==> flow/design.v <==
module cpu_mult_rtl_pp_row #(parameter N = 4) (
    input wire [N-1:0] a,
    input wire sel,
    input wire [N-1:0] pin,
    output wire [N:0] pout
);
    assign pout = pin + (a & {N{sel}});
endmodule
module cpu_mult_rtl #(
    parameter W = 8
) (
    input wire ck,
    input wire i_rst_n,
    input wire [W-1:0] in_first,
    input wire [W-1:0] in_second,
    output wire [2*W-1:0] out_res
);
    reg [W-1:0] first_reg;
    reg [W-1:0] second_reg;
    always @(posedge ck) begin
        if (~i_rst_n) begin
            first_reg <= 0;
            second_reg <= 0;
        end else begin
            first_reg <= in_first;
            second_reg <= in_second;
        end
    end
    wire [W:0] node [0:W];
    wire [W-1:0] lo;
    assign node[0] = 0;
    genvar k;
    generate
        for (k = 0; k < W; k = k + 1) begin : stage
            cpu_mult_rtl_pp_row #(.N(W)) el (.a(first_reg), .sel(second_reg[k]), .pin(node[k][W:1]), .pout(node[k+1]));
            assign lo[k] = node[k+1][0];
        end
    endgenerate
    assign out_res = {node[W][W:1], lo};
endmodule
# == Step by step through the tools: cpu_mult_rtl ==
# The steps from the RTL of cpu_mult_rtl to its reports follow in flow order.
# Lines are those of the file above, counted from 1.
# Operators carry their Yosys type and port widths (W data, S select, Z words).
# A cell with -- has no value.
# setup
top_module,cpu_mult_rtl
clock,ck
cell_library,sky130hd
pvt_corner,tt_025C_1v80

# == Word-level counts ==
# Counts by Yosys on the flattened word-level netlist (proc, flatten, opt, wreduce; memories kept). Register bits leave out memories and registers merged into their read ports (data or address); mux counts leave out enables and synchronous resets folded into registers. Print and check cells are left out. Cells with the same type and inputs are merged into one.
# bits
output_inout_bits,16
elab_cells,17
ff_bits,16
# op_classes
n_addsub,7
logic,8
# ops
op,count
$and A8 B8 Y8,8
$add A8 B9 Y9,6
$add A7 B9 Y9,1

# == Depth ==
# Yosys ltp: most cells in a row. Word level: on the elaborated netlist, between registers, memories and ports. Mapped: between sequential cells and ports; inverters and the memories' decode and read muxes count.
# logic_depth
word_depth,8
ABC_AREA,0
ltp_mapped,36
depth_no_buf,36

# == Synthesis result ==
# Yosys stat after the flow's synthesis: flattened, memories mapped to cells. It holds for the ABC_AREA given above (unset counts as 0); a run with the other value may have another netlist.
# Totals and module areas in this step are rounded.
# types
type,count,type_area_um2
sky130_fd_sc_hd__ha_1,55,688.16
sky130_fd_sc_hd__and2_1,75,469.2
sky130_fd_sc_hd__dfxtp_1,16,320.307
sky130_fd_sc_hd__xnor2_1,26,227.718
sky130_fd_sc_hd__fa_1,7,140.134
sky130_fd_sc_hd__a21oi_1,23,115.11
sky130_fd_sc_hd__nor2_1,29,108.854
sky130_fd_sc_hd__inv_1,24,90.086
sky130_fd_sc_hd__xor2_1,10,87.584
sky130_fd_sc_hd__nand2_1,21,78.826
sky130_fd_sc_hd__a21oi_2,8,70.067
sky130_fd_sc_hd__o21a_1,9,67.565
sky130_fd_sc_hd__nor2b_1,10,62.56
sky130_fd_sc_hd__o21ai_1,11,55.053
sky130_fd_sc_hd__o21ai_2,4,35.034
sky130_fd_sc_hd__a21boi_2,3,33.782
sky130_fd_sc_hd__nor3_1,6,30.029
sky130_fd_sc_hd__and3b_1,3,26.275
# Other cell types: 18; their cells: 33.
# synth_totals
ff_cells,16
seqArea_mm2,0.00032
buf_cells,1
cell_count,373
synth_area_mm2,0.00296
# By module: a second synthesis without flattening, with its own total; a netlist apart from the flattened one above.
# unflattened
hier_cells,434
hier_area_mm2,0.00344
# Each row is one instance without its submodules.
# by_module
mod,mod_seq_area_mm2,n_cells,instances,area_mm2
cpu_mult_rtl_pp_row #(N=8),0,50,8,0.000374
cpu_mult_rtl,0.00032,34,1,0.00045

# == Worst setup path after synthesis ==
# OpenSTA on the mapped netlist: ideal clock, no wires. The path of least setup slack (recovery checks aside). Input and output delay are each 20% of the period. Register names are those of the netlist, which keeps one name where synthesis merged equal registers.
# synth_path
path_kind,register to output
startpoint,register first_reg[1]
endpoint,output port out_res[14]
path_stages,34
period_ns,9.73
arrival_ns,6.230
path_buffers,0
delay_ns,6.230
t_required_ns,7.784
out_delay_ns,1.946
setup_slack_ns,1.554
period_less_setup_slack_ns,8.176
# "delay_ns" = arrival - input delay + setup time.
# At an output port there is no setup time.
# "path_stages": output pins that drive a net of the path, with the launching flip-flop's if there is one; two outputs of one cell count as two.
# "period_less_setup_slack_ns" is the clock period less the worst setup slack; recovery checks do not enter. This is arithmetic on one report: input and output delays are still those of the set period (20% each).
# The rows between start and end are the longest chain of elaborated cells between them; the timing report does not say that the signal goes this way. Where chains are equally long, one stands for them.
# A line is the first line of the expression or statement that the cell stems from. Yosys adds cells for indexed reads and writes and turns some case tables into memories.
# synth_via
cell_sequence,sky130_fd_sc_hd__dfxtp_1 -> sky130_fd_sc_hd__and2_1 -> sky130_fd_sc_hd__ha_1 -> sky130_fd_sc_hd__fa_1 -> sky130_fd_sc_hd__a21oi_1 -> sky130_fd_sc_hd__o21bai_1 -> sky130_fd_sc_hd__xor2_1 -> sky130_fd_sc_hd__ha_1 -> sky130_fd_sc_hd__nand3_1 -> sky130_fd_sc_hd__nand2_1 -> sky130_fd_sc_hd__a31oi_2 -> sky130_fd_sc_hd__xnor2_1 -> sky130_fd_sc_hd__ha_1 -> sky130_fd_sc_hd__a21boi_1 -> sky130_fd_sc_hd__nor2_1 -> sky130_fd_sc_hd__xnor2_1 -> sky130_fd_sc_hd__ha_1 -> sky130_fd_sc_hd__a21boi_2 -> sky130_fd_sc_hd__o31a_1 -> sky130_fd_sc_hd__a21oi_1 -> sky130_fd_sc_hd__ha_1 -> sky130_fd_sc_hd__o21a_1 -> sky130_fd_sc_hd__nor2_1 -> sky130_fd_sc_hd__a21oi_1 -> sky130_fd_sc_hd__xor2_1 -> sky130_fd_sc_hd__ha_1 -> sky130_fd_sc_hd__or3_1 -> sky130_fd_sc_hd__o22ai_1 -> sky130_fd_sc_hd__xnor2_1 -> sky130_fd_sc_hd__ha_1 -> sky130_fd_sc_hd__o21a_1 -> sky130_fd_sc_hd__nor2_1 -> sky130_fd_sc_hd__a21oi_1 -> sky130_fd_sc_hd__xor2_1
elab_chain_len,8
# synth_lines
element,line_no,source
start: declaration,18,reg [W-1:0] first_reg;
start: assignment,22,first_reg <= 0;
start: assignment,25,first_reg <= in_first;
$and A8 B8 Y8,7,assign pout = pin + (a & {N{sel}});
$add A7 B9 Y9,7,
$add A8 B9 Y9 (6 in a row),7,
end: declaration,16,output wire [2*W-1:0] out_res

# == Path in the finished layout ==
# Path of least setup slack in the final report of flow run A (OpenROAD, finished layout, wires in). Where an end is a register, its clock arrival counts in the times.
# layout_path
path_kind,register to output
startpoint,register first_reg[1]
endpoint,output port out_res[12]
arrival_ns,7.31
t_required_ns,7.78
path_buffers,1
path_stages,33
out_delay_ns,1.95
period_ns,9.73
setup_slack_ns,0.47
# The rows between start and end are the longest chain of elaborated cells between them; the timing report does not say that the signal goes this way. Where chains are equally long, one stands for them.
# layout_via
cell_sequence,sky130_fd_sc_hd__dfxtp_2 -> sky130_fd_sc_hd__and2_1 -> sky130_fd_sc_hd__ha_1 -> sky130_fd_sc_hd__fa_1 -> sky130_fd_sc_hd__a21oi_2 -> sky130_fd_sc_hd__o21bai_1 -> sky130_fd_sc_hd__xor2_1 -> sky130_fd_sc_hd__ha_2 -> sky130_fd_sc_hd__nand3_1 -> sky130_fd_sc_hd__nand2_1 -> sky130_fd_sc_hd__a31oi_2 -> sky130_fd_sc_hd__xnor2_1 -> sky130_fd_sc_hd__ha_1 -> sky130_fd_sc_hd__a21boi_1 -> sky130_fd_sc_hd__nor2_1 -> sky130_fd_sc_hd__xnor2_1 -> sky130_fd_sc_hd__ha_1 -> sky130_fd_sc_hd__a21boi_2 -> sky130_fd_sc_hd__nor2_1 -> sky130_fd_sc_hd__ha_1 -> sky130_fd_sc_hd__and3b_1 -> sky130_fd_sc_hd__o21ai_1 -> sky130_fd_sc_hd__and2b_1 -> sky130_fd_sc_hd__xnor2_1 -> sky130_fd_sc_hd__ha_1 -> sky130_fd_sc_hd__a21boi_2 -> sky130_fd_sc_hd__nor2_1 -> sky130_fd_sc_hd__ha_1 -> sky130_fd_sc_hd__and3b_1 -> sky130_fd_sc_hd__o21ai_1 -> sky130_fd_sc_hd__and2b_1 -> sky130_fd_sc_hd__xnor2_1 -> sky130_fd_sc_hd__clkdlybuf4s50_1
elab_chain_len,8
# layout_lines
element,line_no,source
start: declaration,18,reg [W-1:0] first_reg;
start: assignment,22,first_reg <= 0;
start: assignment,25,first_reg <= in_first;
$and A8 B8 Y8,7,assign pout = pin + (a & {N{sel}});
$add A7 B9 Y9,7,
$add A8 B9 Y9 (6 in a row),7,
end: declaration,16,output wire [2*W-1:0] out_res

# cpu_mult_rtl through Yosys and OpenROAD on sky130hd: 3 stored runs, unordered, with their settings and measured results. The constraints put input and output delay at 20% of the set period each and load the outputs with 0.01 pF.
# "timing.achieved_period_ns" means the clock period less the worst setup slack. The figure is calculated, with input and output delays left at 20% of the set period.
# "worst_setup_path_time_ns" means the part of the period allowed to the worst setup path (the constraints hold back 20% at inputs and 20% at outputs) less its slack; where the path has registers, the arrival times of their clocks count too.
# Values from the reports are rounded here.
# Settings: n/a = not set for that run.
# A result given as n/a is not shown for that run.
stored run,period_ns,CAP_MARGIN,CORE_MARGIN,CORE_UTILIZATION,SLEW_MARGIN,PLACE_DENSITY_LB_ADDON,TNS_END_PERCENT,GPL_ROUTABILITY_DRIVEN,CORE_ASPECT_RATIO,CELL_PAD_IN_SITES_GLOBAL_PLACEMENT,ABC_AREA,MIN_ROUTING_LAYER,setup_ws_ns,yosys.chip_area_mm2,hold_ws_ns,final_die_area_mm2,worst_setup_path_time_ns,timing.worst_path_kind,finalCellArea_mm2,timing.achieved_period_ns
flow run A,9.73,20,2,40,20,n/a,n/a,n/a,n/a,n/a,n/a,n/a,0.474,0.00296,2.27,0.00811,7.31,register to output,0.00354,9.256
flow run B,12.9,30,5,28,40,0.21,65,0,n/a,n/a,n/a,n/a,2.75,0.00296,2.91,0.0127,7.57,register to output,0.00351,10.145
flow run C,4.8,35,2,67,30,n/a,n/a,n/a,1.46,2,1,met1,n/a,n/a,n/a,n/a,n/a,n/a,n/a,n/a
# Flow run C: unfinished; error GPL-0301 in placement
